==> flow/design.v <==
module reg_word #(parameter N = 8) (
  input wire clk,
  input wire en,
  input wire [N-1:0] d,
  output reg [N-1:0] q
);
  always @(posedge clk)
    if (en) q <= d;
endmodule
module dp_reg_file_v2 #(
  parameter ENTRIES = 10,
  parameter DATA_W = 12,
  parameter N_READ = 5,
  parameter ADDR_W = $clog2(ENTRIES)
) (
  input  wire aclk,
  input  wire wr_i,
  input  wire [ADDR_W-1:0] wr_idx_i,
  input  wire [DATA_W-1:0] write_data_i,
  input  wire [N_READ*ADDR_W-1:0] rsel_i,
  output wire [N_READ*DATA_W-1:0] dout_o
);
  reg wr_ff;
  reg [ADDR_W-1:0] wr_idx_ff;
  reg [DATA_W-1:0] write_data_ff;
  always @(posedge aclk) begin
    wr_ff <= wr_i;
    wr_idx_ff <= wr_idx_i;
    write_data_ff <= write_data_i;
  end
  wire [ENTRIES*DATA_W-1:0] mem;
  genvar k;
  generate
    for (k = 0; k < ENTRIES; k = k + 1) begin : lane
      reg_word #(.N(DATA_W)) u (.clk(aclk), .en(wr_ff && wr_idx_ff == k), .d(write_data_ff), .q(mem[k*DATA_W +: DATA_W]));
    end
  endgenerate
  reg [N_READ*ADDR_W-1:0] rsel_ff;
  always @(posedge aclk) begin
    rsel_ff <= rsel_i;
  end
  wire [N_READ*DATA_W-1:0] nxt;
  genvar gj;
  generate
    for (gj = 0; gj < N_READ; gj = gj + 1) begin : g_bit
      assign nxt[gj*DATA_W +: DATA_W] = mem[rsel_ff[gj*ADDR_W +: ADDR_W]*DATA_W +: DATA_W];
    end
  endgenerate
  reg [N_READ*DATA_W-1:0] dout_ff;
  always @(posedge aclk) begin
    dout_ff <= nxt;
  end
  assign dout_o = dout_ff;
endmodule
---- From RTL to reports: dp_reg_file_v2 ----
Tool output for the design above, in the order of the flow.
Lines are those of the file above, counted from 1.
Operators: Yosys type, input widths -> output width; for muxes data width and select width s.
Library cell names are shortened.
The mark -- stands for no value.
inputs
  design top .............................. dp_reg_file_v2
  clock ................................... aclk
  standard-cell library ................... sky130hd
  timing corner ........................... tt_025C_1v80

---- Word level ----
Yosys after proc, flatten, opt, wreduce and memory -nomap, before mapping. Enables and synchronous resets that opt folds into registers are not counted as muxes. Memory bits, and registers merged into a memory's read port (data or address), are not among the register bits. Print and check cells are not counted. Equal cells are merged and count once.
operators by class
  equal/unequal tests ..................... 9
  shift operators ......................... 5
  reduce/logical cells .................... 11
  multiply operators ...................... 5
operator list
  kind                 number
  $shiftx 120x9->12    5
  $mul 4x2->6 const B  5
  $eq 4x3->1 const B   4
  $logic_and 1x1->1    10
  $eq 4x2->1 const B   2
  $eq 4x4->1 const B   2
  $eq 4x1->1 const B   1
  $logic_not 4->1      1
word-level totals
  word-level cells ........................ 45
  output and inout bits ................... 60
  input port bits ......................... 38
  bits in registers ....................... 217

---- Depth ----
Depth = most cells in a row (Yosys ltp): at word level without a register or memory, in the mapped netlist without a sequential cell, where the memories' decode and read muxes count.
depth
  depth in word-level cells ............... 2
  ABC_AREA ................................ 0
  depth in mapped cells ................... 5
  gate-level depth less buffers ........... 3

---- Synthesis result ----
Yosys stat after the flow's synthesis: flattened, memories mapped to cells. It holds for the ABC_AREA given above (unset counts as 0); a run with the other value may have another netlist.
The area totals of this step are shown rounded.
mapped netlist
  flip-flop cells ......................... 217
  buffers ................................. 55
  sequential area ......................... 5550 µm²
  chip area (Yosys) ....................... 10900 µm²
  standard cells after synthesis .......... 783
cell types
  type      number  area in all (µm²)
  edfxtp_1  120     3.6E+03
  mux2_2    180     2.03E+03
  dfxtp_1   97      1.94E+03
  mux4_2    35      788.256
  mux4_1    25      656.88
  o31ai_1   54      405.389
  o22ai_1   60      375.36
  nor2_1    67      251.491
  nand2_1   66      247.738
  buf_2     29      145.139
  buf_6     10      112.608
  buf_12    5       100.096
  o31ai_2   6       75.072
  nand2b_1  7       43.792
  buf_4     5       37.536
  nor3b_1   5       37.536
  clkbuf_1  6       22.522
  nand3b_1  2       15.014
Other cell types: 2; their cells: 4.
The figures by module come from a second, unflattened synthesis with its own total; it is not the netlist above.
unflattened totals
  cell total of the unflattened synthesis .. 783
  area total of the unflattened synthesis .. 10900 µm²
Each row is one instance without its submodules.
modules
  module           sequential area (µm²)  instances  cells  area (µm²)
  dp_reg_file_v2   1940                   1          663    7300
  reg_word (N=12)  360                    10         12     360

---- Timing after synthesis ----
Source: OpenSTA report_checks on the synthesized netlist (no wires, ideal clock, input and output delay 20% of the period each), path of least setup slack; recovery checks are left aside. Register names are those of the netlist, which keeps one name where synthesis merged equal registers.
timing path post-synthesis
  kind .................................... register -> register
  start point ............................. register wr_ff
  end point ............................... register lane[0].u.q[0]
  period .................................. 2.6 ns
  setup time .............................. 0.396 ns
  driving pins on the path ................ 3
  delay of the path ....................... 2.078 ns
  data arrival time ....................... 1.682 ns
  required time ........................... 2.204 ns
  path slack .............................. 0.522 ns
  period reached after synthesis .......... 2.078 ns
"delay of the path" is the arrival time less input delay plus setup time.
"driving pins on the path": output pins that drive a net of the path, with the launching flip-flop's if there is one; two outputs of one cell count as two.
"period reached after synthesis" = period - worst setup slack (recovery checks aside). The figure is calculated, with input and output delays left at 20% of the set period.
Between the ends stands the longest chain of elaborated cells between them, by number of cells; it is not shown to be the way that was timed. Of several equally long chains one is given.
Each line given opens the expression or statement behind the cell; cells for indexed reads and writes are added by Yosys, which also makes memories of some case tables.
on the way, post-synthesis
  path through ............................ dfxtp_1 > or3b_2 > nor3_1
  cells in the longest elaborated chain ... 1
  elaborated cells on any way between the ends .. 1
  RTL lines with such cells ............... 1
  those cells by class .................... reduce/logical (1)
ends and longest elaborated chain, post-synthesis
  what               line  source
  from (decl)        23    reg wr_ff;
  from (assign)      27    wr_ff <= wr_i;
  $logic_and 1x1->1  35    reg_word #(.N(DATA_W)) u (.clk(aclk), .en(wr_ff && wr_idx_ff == k), .d(write_data_ff), .q(mem[k*DATA_W +: DATA ...
  to (assign)        8     if (en) q <= d;
  to (decl)          5     output reg [N-1:0] q

---- Worst path after layout ----
From the final timing report of job 1: the path of least setup slack in the routed layout; clock arrival at registers is part of the times.
timing path post-layout
  kind .................................... register -> register
  start point ............................. register rsel_ff[6]
  end point ............................... register dout_ff[13]
  required time ........................... 2.29 ns
  setup time .............................. 0.12 ns
  path slack .............................. 0.25 ns
  period .................................. 1.9 ns
  data arrival time ....................... 2.04 ns
  driving pins on the path ................ 5
Between the ends stands the longest chain of elaborated cells between them, by number of cells; it is not shown to be the way that was timed. Of several equally long chains one is given.
on the way, post-layout
  path through ............................ dfxtp_1 > nand2_1 > buf_4 > o22ai_1 > o31ai_1
  cells in the longest elaborated chain ... 2
  elaborated cells on any way between the ends .. 2
  RTL lines with such cells ............... 1
  those cells by class .................... mul (1); shift (1)
ends and longest elaborated chain, post-layout
  what               line  source
  from (decl)        38    reg [N_READ*ADDR_W-1:0] rsel_ff;
  from (assign)      40    rsel_ff <= rsel_i;
  $mul 4x2->6        46    assign nxt[gj*DATA_W +: DATA_W] = mem[rsel_ff[gj*ADDR_W +: ADDR_W]*DATA_W +: DATA_W];
  $shiftx 120x9->12  46
  to (assign)        51    dout_ff <= nxt;
  to (decl)          49    reg [N_READ*DATA_W-1:0] dout_ff;

Hand-over note for dp_reg_file_v2

Stored flow runs of dp_reg_file_v2 (3 of them; Yosys, OpenROAD, sky130hd). They differ in their settings and are not a sequence. Constraints: input delay and output delay 20% of the set period each, output load 0.01 pF.
"clock period achieved" means the clock period less the worst setup slack. The figure is calculated, with input and output delays left at 20% of the set period.
"time used up by the worst setup path": the worst setup path's part of the clock period (all of it between registers, 20% less for each end at a port) less its slack. A launch clock that arrives late makes it longer, a capture clock that arrives late makes it shorter.
"total power after layout" is the tool's figure for a default switching activity; nothing was simulated.
Measured values are rounded.

======== job 1 ========
==> flow/run.sh <==
#!/bin/bash
# the make line also repeats the synthesis and layout settings of config.mk as NAME=value (left out here)
make -C /OpenROAD-flow-scripts/flow DESIGN_CONFIG=/design/flow/config.mk WORK_HOME=/design/flow/orfs CLKGATE_MAP_FILE= finish
==> flow/config.mk <==
export PLATFORM = sky130hd
export DESIGN_NAME = dp_reg_file_v2
export DESIGN_NICKNAME = dp_reg_file_v2
export VERILOG_FILES = /design/flow/design.v
export SDC_FILE = /design/flow/constraint.sdc
export NUM_CORES = 4
export LEC_CHECK = 0
export CAP_MARGIN = 10
export CORE_ASPECT_RATIO = 1.03
export CORE_MARGIN = 2
export CORE_UTILIZATION = 52
export MAX_ROUTING_LAYER = met5
export SETUP_SLACK_MARGIN = 0.23
export SLEW_MARGIN = 0
==> flow/constraint.sdc <==
create_clock -name core_clock -period 1.9 [get_ports {aclk}]
set_input_delay 0.3800 -clock core_clock [delete_from_list [all_inputs] [get_ports {aclk}]]
set_output_delay 0.3800 -clock core_clock [all_outputs]
set_load 0.01 [all_outputs]

-------- measured, job 1 --------
  setup slack of the worst path ........... 0.246 ns
  total power after layout ................ 0.0113 W
  standard-cell area after layout ......... 13300 µm²
  final design utilization ................ 64.7 %
  worst hold slack ........................ 0.294 ns
  time used up by the worst setup path .... 1.65 ns
  class of the worst setup path ........... register -> register
  clock period achieved ................... 1.654 ns
  post-route setup TNS .................... 0.000 ns
  cell area after synthesis ............... 10900 µm²
  full die area ........................... 22200 µm²

======== job 2 ========
==> flow/run.sh <==
#!/bin/bash
# the make line also repeats the synthesis and layout settings of config.mk as NAME=value (left out here)
make -C /OpenROAD-flow-scripts/flow DESIGN_CONFIG=/design/flow/config.mk WORK_HOME=/design/flow/orfs CLKGATE_MAP_FILE= finish
==> flow/config.mk <==
export PLATFORM = sky130hd
export DESIGN_NAME = dp_reg_file_v2
export DESIGN_NICKNAME = dp_reg_file_v2
export VERILOG_FILES = /design/flow/design.v
export SDC_FILE = /design/flow/constraint.sdc
export NUM_CORES = 4
export LEC_CHECK = 0
export CAP_MARGIN = 20
export CELL_PAD_IN_SITES_DETAIL_PLACEMENT = 1
export CELL_PAD_IN_SITES_GLOBAL_PLACEMENT = 1
export CORE_ASPECT_RATIO = 0.57
export CORE_MARGIN = 2
export CORE_UTILIZATION = 36
export CTS_CLUSTER_SIZE = 84
export GPL_TIMING_DRIVEN = 0
export MAX_ROUTING_LAYER = met4
export PLACE_DENSITY_LB_ADDON = 0.18
export SLEW_MARGIN = 20
export TNS_END_PERCENT = 95
==> flow/constraint.sdc <==
create_clock -name core_clock -period 3.83 [get_ports {aclk}]
set_input_delay 0.7660 -clock core_clock [delete_from_list [all_inputs] [get_ports {aclk}]]
set_output_delay 0.7660 -clock core_clock [all_outputs]
set_load 0.01 [all_outputs]

-------- measured, job 2 --------
  setup slack of the worst path ........... 1.52 ns
  total power after layout ................ 0.00569 W
  standard-cell area after layout ......... 13200 µm²
  final design utilization ................ 44.1 %
  worst hold slack ........................ 0.515 ns
  time used up by the worst setup path .... 2.31 ns
  class of the worst setup path ........... register -> register
  clock period achieved ................... 2.308 ns
  post-route setup TNS .................... 0.000 ns
  cell area after synthesis ............... 10900 µm²
  full die area ........................... 31800 µm²

======== job 3 ========
==> flow/run.sh <==
#!/bin/bash
# the make line also repeats the synthesis and layout settings of config.mk as NAME=value (left out here)
make -C /OpenROAD-flow-scripts/flow DESIGN_CONFIG=/design/flow/config.mk WORK_HOME=/design/flow/orfs CLKGATE_MAP_FILE= finish
==> flow/config.mk <==
export PLATFORM = sky130hd
export DESIGN_NAME = dp_reg_file_v2
export DESIGN_NICKNAME = dp_reg_file_v2
export VERILOG_FILES = /design/flow/design.v
export SDC_FILE = /design/flow/constraint.sdc
export NUM_CORES = 4
export LEC_CHECK = 0
export CAP_MARGIN = 20
export CORE_MARGIN = 2
export CORE_UTILIZATION = 40
export SLEW_MARGIN = 20
==> flow/constraint.sdc <==
create_clock -name core_clock -period 2.6 [get_ports {aclk}]
set_input_delay 0.5200 -clock core_clock [delete_from_list [all_inputs] [get_ports {aclk}]]
set_output_delay 0.5200 -clock core_clock [all_outputs]
set_load 0.01 [all_outputs]

-------- measured, job 3 --------
  setup slack of the worst path ........... 0.594 ns
  total power after layout ................ 0.00832 W
  standard-cell area after layout ......... 13300 µm²
  final design utilization ................ 49.4 %
  worst hold slack ........................ 0.434 ns
  time used up by the worst setup path .... 2.01 ns
  class of the worst setup path ........... register -> register
  clock period achieved ................... 2.006 ns
  post-route setup TNS .................... 0.000 ns
  cell area after synthesis ............... 10900 µm²
  full die area ........................... 28600 µm²

End of note.
